==> flow/design.v <==
module cmp_unit (clk, clk_en, in_da, in_db, out_below, out_equal, out_above);
  parameter integer WIDTH = 40;
  input clk;
  input clk_en;
  input [WIDTH-1:0] in_da;
  input [WIDTH-1:0] in_db;
  output reg out_below;
  output reg out_equal;
  output reg out_above;
  always @(posedge clk) begin
    if (clk_en) begin
      out_below <= (in_da < in_db);
    end
  end
  always @(posedge clk) begin
    if (clk_en) begin
      out_equal <= (in_da == in_db);
    end
  end
  always @(posedge clk) begin
    if (clk_en) begin
      out_above <= (in_da > in_db);
    end
  end
endmodule
# From RTL to reports: cmp_unit
# Tool output for the design above, in the order of the flow.
# Line numbers count from 1 in the design file above.
# Operators: Yosys type, input widths -> output width; for muxes data width and select width s.
# Cell names lack the library's common part.
# A cell with - has no value.
[inputs] top_module="cmp_unit" clock="clk" library="sky130hd" pvt_corner="tt_025C_1v80"

# Word-level counts
# Counts by Yosys on the flattened word-level netlist (proc, flatten, opt, wreduce; memories kept). Register bits leave out memories and registers merged into their read ports (data or address); mux counts leave out enables and synchronous resets folded into registers. Print and check cells are left out. Cells with the same type and inputs are merged into one.
[bits] regBits=3 output_inout_bits=3
[op_classes] n_cmp=2 eq_ne=1
[ops] op="$gt 40x40->1" count=1
[ops] op="$lt 40x40->1" count=1
[ops] op="$eq 40x40->1" count=1

# Longest topological paths
# Yosys ltp: most cells in a row. Word level: on the elaborated netlist, between registers, memories and ports. Mapped: between sequential cells and ports; inverters and the memories' decode and read muxes count.
[depth] word_depth=1 abc_area=0 mapped_depth=8

# Mapped cells and area
# Yosys stat after the flow's synthesis: flattened, memories mapped to cells. It holds for the ABC_AREA given above (unset counts as 0); a run with the other value may have another netlist.
[synth_totals] cells=148 area_um2=1122.3 seqArea_um2=90.1 flip_flops=3 buffers=0
[types] type="ha_1" count=40 type_area_um2=500.48
[types] type="inv_1" count=41 type_area_um2=153.898
[types] type="edfxtp_1" count=3 type_area_um2=90.086
[types] type="a21oi_1" count=15 type_area_um2=75.072
[types] type="nand2_1" count=15 type_area_um2=56.304
[types] type="nand4_2" count=3 type_area_um2=37.536
[types] type="a221oi_1" count=3 type_area_um2=26.275
[types] type="nor2_1" count=6 type_area_um2=22.522
[types] type="nor4_4" count=1 type_area_um2=21.27
[types] type="nand3_1" count=4 type_area_um2=20.019
[types] type="nand4_1" count=3 type_area_um2=18.768
[types] type="a211oi_1" count=2 type_area_um2=15.014
[types] type="o211ai_1" count=2 type_area_um2=15.014
[types] type="o21ai_0" count=3 type_area_um2=15.014
[types] type="nor4_2" count=1 type_area_um2=12.512
[types] type="a211o_1" count=1 type_area_um2=8.758
[types] type="and4_1" count=1 type_area_um2=8.758
[types] type="and2_2" count=1 type_area_um2=7.507
# Not listed: further types 3, cells in them 3.

# Timing after synthesis
# Source: OpenSTA report_checks on the synthesized netlist (no wires, ideal clock, input and output delay 20% of the period each), path of least setup slack; recovery checks are left aside. Register names are those of the netlist, which keeps one name where synthesis merged equal registers.
[synth_path] path_kind="input-to-reg" startpoint="in in_db[38]" endpoint="reg out_above" period_ns=2.58 setup_ns=0.262 t_first_pin_ns=0.516 t_arrival_ns=1.908 required_ns=2.318 setup_slack_ns=0.410 delay_ns=1.654 stages=8 n_path_buf=0 synth_period_reached_ns=2.17
# "delay_ns" = arrival - input delay + setup time.
# "stages": output pins that drive a net of the path, with the launching flip-flop's if there is one; two outputs of one cell count as two.
# "synth_period_reached_ns" = period - worst setup slack (recovery checks aside). The figure is calculated, with input and output delays left at 20% of the set period.
# The rows between start and end are the longest chain of elaborated cells between them; the timing report does not say that the signal goes this way. Where chains are equally long, one stands for them.
# A line is the first line of the expression or statement that the cell stems from. Yosys adds cells for indexed reads and writes and turns some case tables into memories.
[synth_between] cell_sequence="inv_1 > ha_1 > nand4_2 > nor4_4 > nand4_2 > nor4_2 > and2_2 > nor2_1" elab_chain_cells=1 cells_between=1 lines_between=1
[synth_lines] item="from (decl)" line=6 rtl="input [WIDTH-1:0] in_db;"
[synth_lines] item="$gt 40x40->1" line=22 rtl="out_above <= (in_da > in_db);"
[synth_lines] item="to (assign)" line=22
[synth_lines] item="to (decl)" line=9 rtl="output reg out_above;"

# Path in the finished layout
# Path of least setup slack in the final report of run 2 (OpenROAD, finished layout, wires in). Where an end is a register, its clock arrival counts in the times.
[layout_path] path_kind="input-to-reg" startpoint="in in_da[7]" endpoint="reg out_above" period_ns=1.55 setup_ns=0.25 t_first_pin_ns=0.31 t_arrival_ns=1.76 required_ns=1.51 setup_slack_ns=-0.24 stages=7 n_path_buf=1
# The rows between start and end are the longest chain of elaborated cells between them; the timing report does not say that the signal goes this way. Where chains are equally long, one stands for them.
[layout_between] cell_sequence="clkdlybuf4s50_1 > ha_4 > nand4_1 > a21oi_1 > a211o_1 > a211oi_2 > nor2_2" elab_chain_cells=1 cells_between=1 lines_between=1
[layout_lines] item="from (decl)" line=5 rtl="input [WIDTH-1:0] in_da;"
[layout_lines] item="$gt 40x40->1" line=22 rtl="out_above <= (in_da > in_db);"
[layout_lines] item="to (assign)" line=22
[layout_lines] item="to (decl)" line=9 rtl="output reg out_above;"

Stored flow runs of cmp_unit (3 of them; Yosys, OpenROAD, sky130hd). They differ in their settings and are not a sequence. Constraints: input delay and output delay 20% of the set period each, output load 0.01 pF.
"period_reached_ns" = clock period - worst setup slack. The figure is calculated, with input and output delays left at 20% of the set period.
By "worst_path_allowed_less_slack_ns" is meant the share of the clock period that the worst setup path is allowed (20% is reserved at inputs, 20% at outputs), minus its slack. Clock arrival times at its registers enter into it.
"fin_power_mw" is the tool's figure for a default switching activity; nothing was simulated.

[flow] run 1: files
==> flow/run.sh <==
#!/bin/bash
# the make line also repeats the synthesis and layout settings of config.mk as NAME=value (left out here)
make -C /OpenROAD-flow-scripts/flow DESIGN_CONFIG=/design/flow/config.mk WORK_HOME=/design/flow/orfs CLKGATE_MAP_FILE= finish
==> flow/config.mk <==
export PLATFORM = sky130hd
export DESIGN_NAME = cmp_unit
export DESIGN_NICKNAME = cmp_unit
export VERILOG_FILES = /design/flow/design.v
export SDC_FILE = /design/flow/constraint.sdc
export NUM_CORES = 4
export LEC_CHECK = 0
export ABC_AREA = 0
export CAP_MARGIN = 20
export CELL_PAD_IN_SITES_DETAIL_PLACEMENT = 2
export CORE_MARGIN = 3
export CORE_UTILIZATION = 67
export HOLD_SLACK_MARGIN = 0.17
export MIN_ROUTING_LAYER = met2
export PLACE_DENSITY = 0.65
export SETUP_SLACK_MARGIN = -0.23
export SLEW_MARGIN = 20
==> flow/constraint.sdc <==
create_clock -name core_clock -period 3.19 [get_ports {clk}]
set_input_delay 0.6380 -clock core_clock [delete_from_list [all_inputs] [get_ports {clk}]]
set_output_delay 0.6380 -clock core_clock [all_outputs]
set_load 0.01 [all_outputs]

[flow] run 1: unfinished; error GPL-0301 in placement

[flow] run 2: files
==> flow/run.sh <==
#!/bin/bash
# the make line also repeats the synthesis and layout settings of config.mk as NAME=value (left out here)
make -C /OpenROAD-flow-scripts/flow DESIGN_CONFIG=/design/flow/config.mk WORK_HOME=/design/flow/orfs CLKGATE_MAP_FILE= finish
==> flow/config.mk <==
export PLATFORM = sky130hd
export DESIGN_NAME = cmp_unit
export DESIGN_NICKNAME = cmp_unit
export VERILOG_FILES = /design/flow/design.v
export SDC_FILE = /design/flow/constraint.sdc
export NUM_CORES = 4
export LEC_CHECK = 0
export CAP_MARGIN = 20
export CELL_PAD_IN_SITES_DETAIL_PLACEMENT = 0
export CORE_MARGIN = 2
export CORE_UTILIZATION = 17
export CTS_CLUSTER_DIAMETER = 133
export GPL_TIMING_DRIVEN = 1
export MIN_ROUTING_LAYER = met1
export SETUP_SLACK_MARGIN = 0.34
export SLEW_MARGIN = 20
==> flow/constraint.sdc <==
create_clock -name core_clock -period 1.55 [get_ports {clk}]
set_input_delay 0.3100 -clock core_clock [delete_from_list [all_inputs] [get_ports {clk}]]
set_output_delay 0.3100 -clock core_clock [all_outputs]
set_load 0.01 [all_outputs]

[flow] run 2: metrics
[metrics] worst_path_allowed_less_slack_ns = 1.48
[metrics] worstPathKind = input-to-reg
[metrics] ws_setup_ns = -0.244
[metrics] final_cell_area_um2 = 2786.4
[metrics] final_die_area_um2 = 7267.6
[metrics] fin_power_mw = 1.027
[metrics] period_reached_ns = 1.794
[metrics] synthArea_um2 = 1122.3
[metrics] timing.hold.ws_ns = 0.681

[flow] run 3: files
==> flow/run.sh <==
#!/bin/bash
# the make line also repeats the synthesis and layout settings of config.mk as NAME=value (left out here)
make -C /OpenROAD-flow-scripts/flow DESIGN_CONFIG=/design/flow/config.mk WORK_HOME=/design/flow/orfs CLKGATE_MAP_FILE= finish
==> flow/config.mk <==
export PLATFORM = sky130hd
export DESIGN_NAME = cmp_unit
export DESIGN_NICKNAME = cmp_unit
export VERILOG_FILES = /design/flow/design.v
export SDC_FILE = /design/flow/constraint.sdc
export NUM_CORES = 4
export LEC_CHECK = 0
export CAP_MARGIN = 20
export CORE_MARGIN = 2
export CORE_UTILIZATION = 40
export SLEW_MARGIN = 20
==> flow/constraint.sdc <==
create_clock -name core_clock -period 2.58 [get_ports {clk}]
set_input_delay 0.5160 -clock core_clock [delete_from_list [all_inputs] [get_ports {clk}]]
set_output_delay 0.5160 -clock core_clock [all_outputs]
set_load 0.01 [all_outputs]

[flow] run 3: metrics
[metrics] worst_path_allowed_less_slack_ns = 1.92
[metrics] worstPathKind = input-to-reg
[metrics] ws_setup_ns = 0.139
[metrics] final_cell_area_um2 = 2179.6
[metrics] final_die_area_um2 = 3245.6
[metrics] fin_power_mw = 0.4540
[metrics] period_reached_ns = 2.441
[metrics] synthArea_um2 = 1122.3
[metrics] timing.hold.ws_ns = 0.954
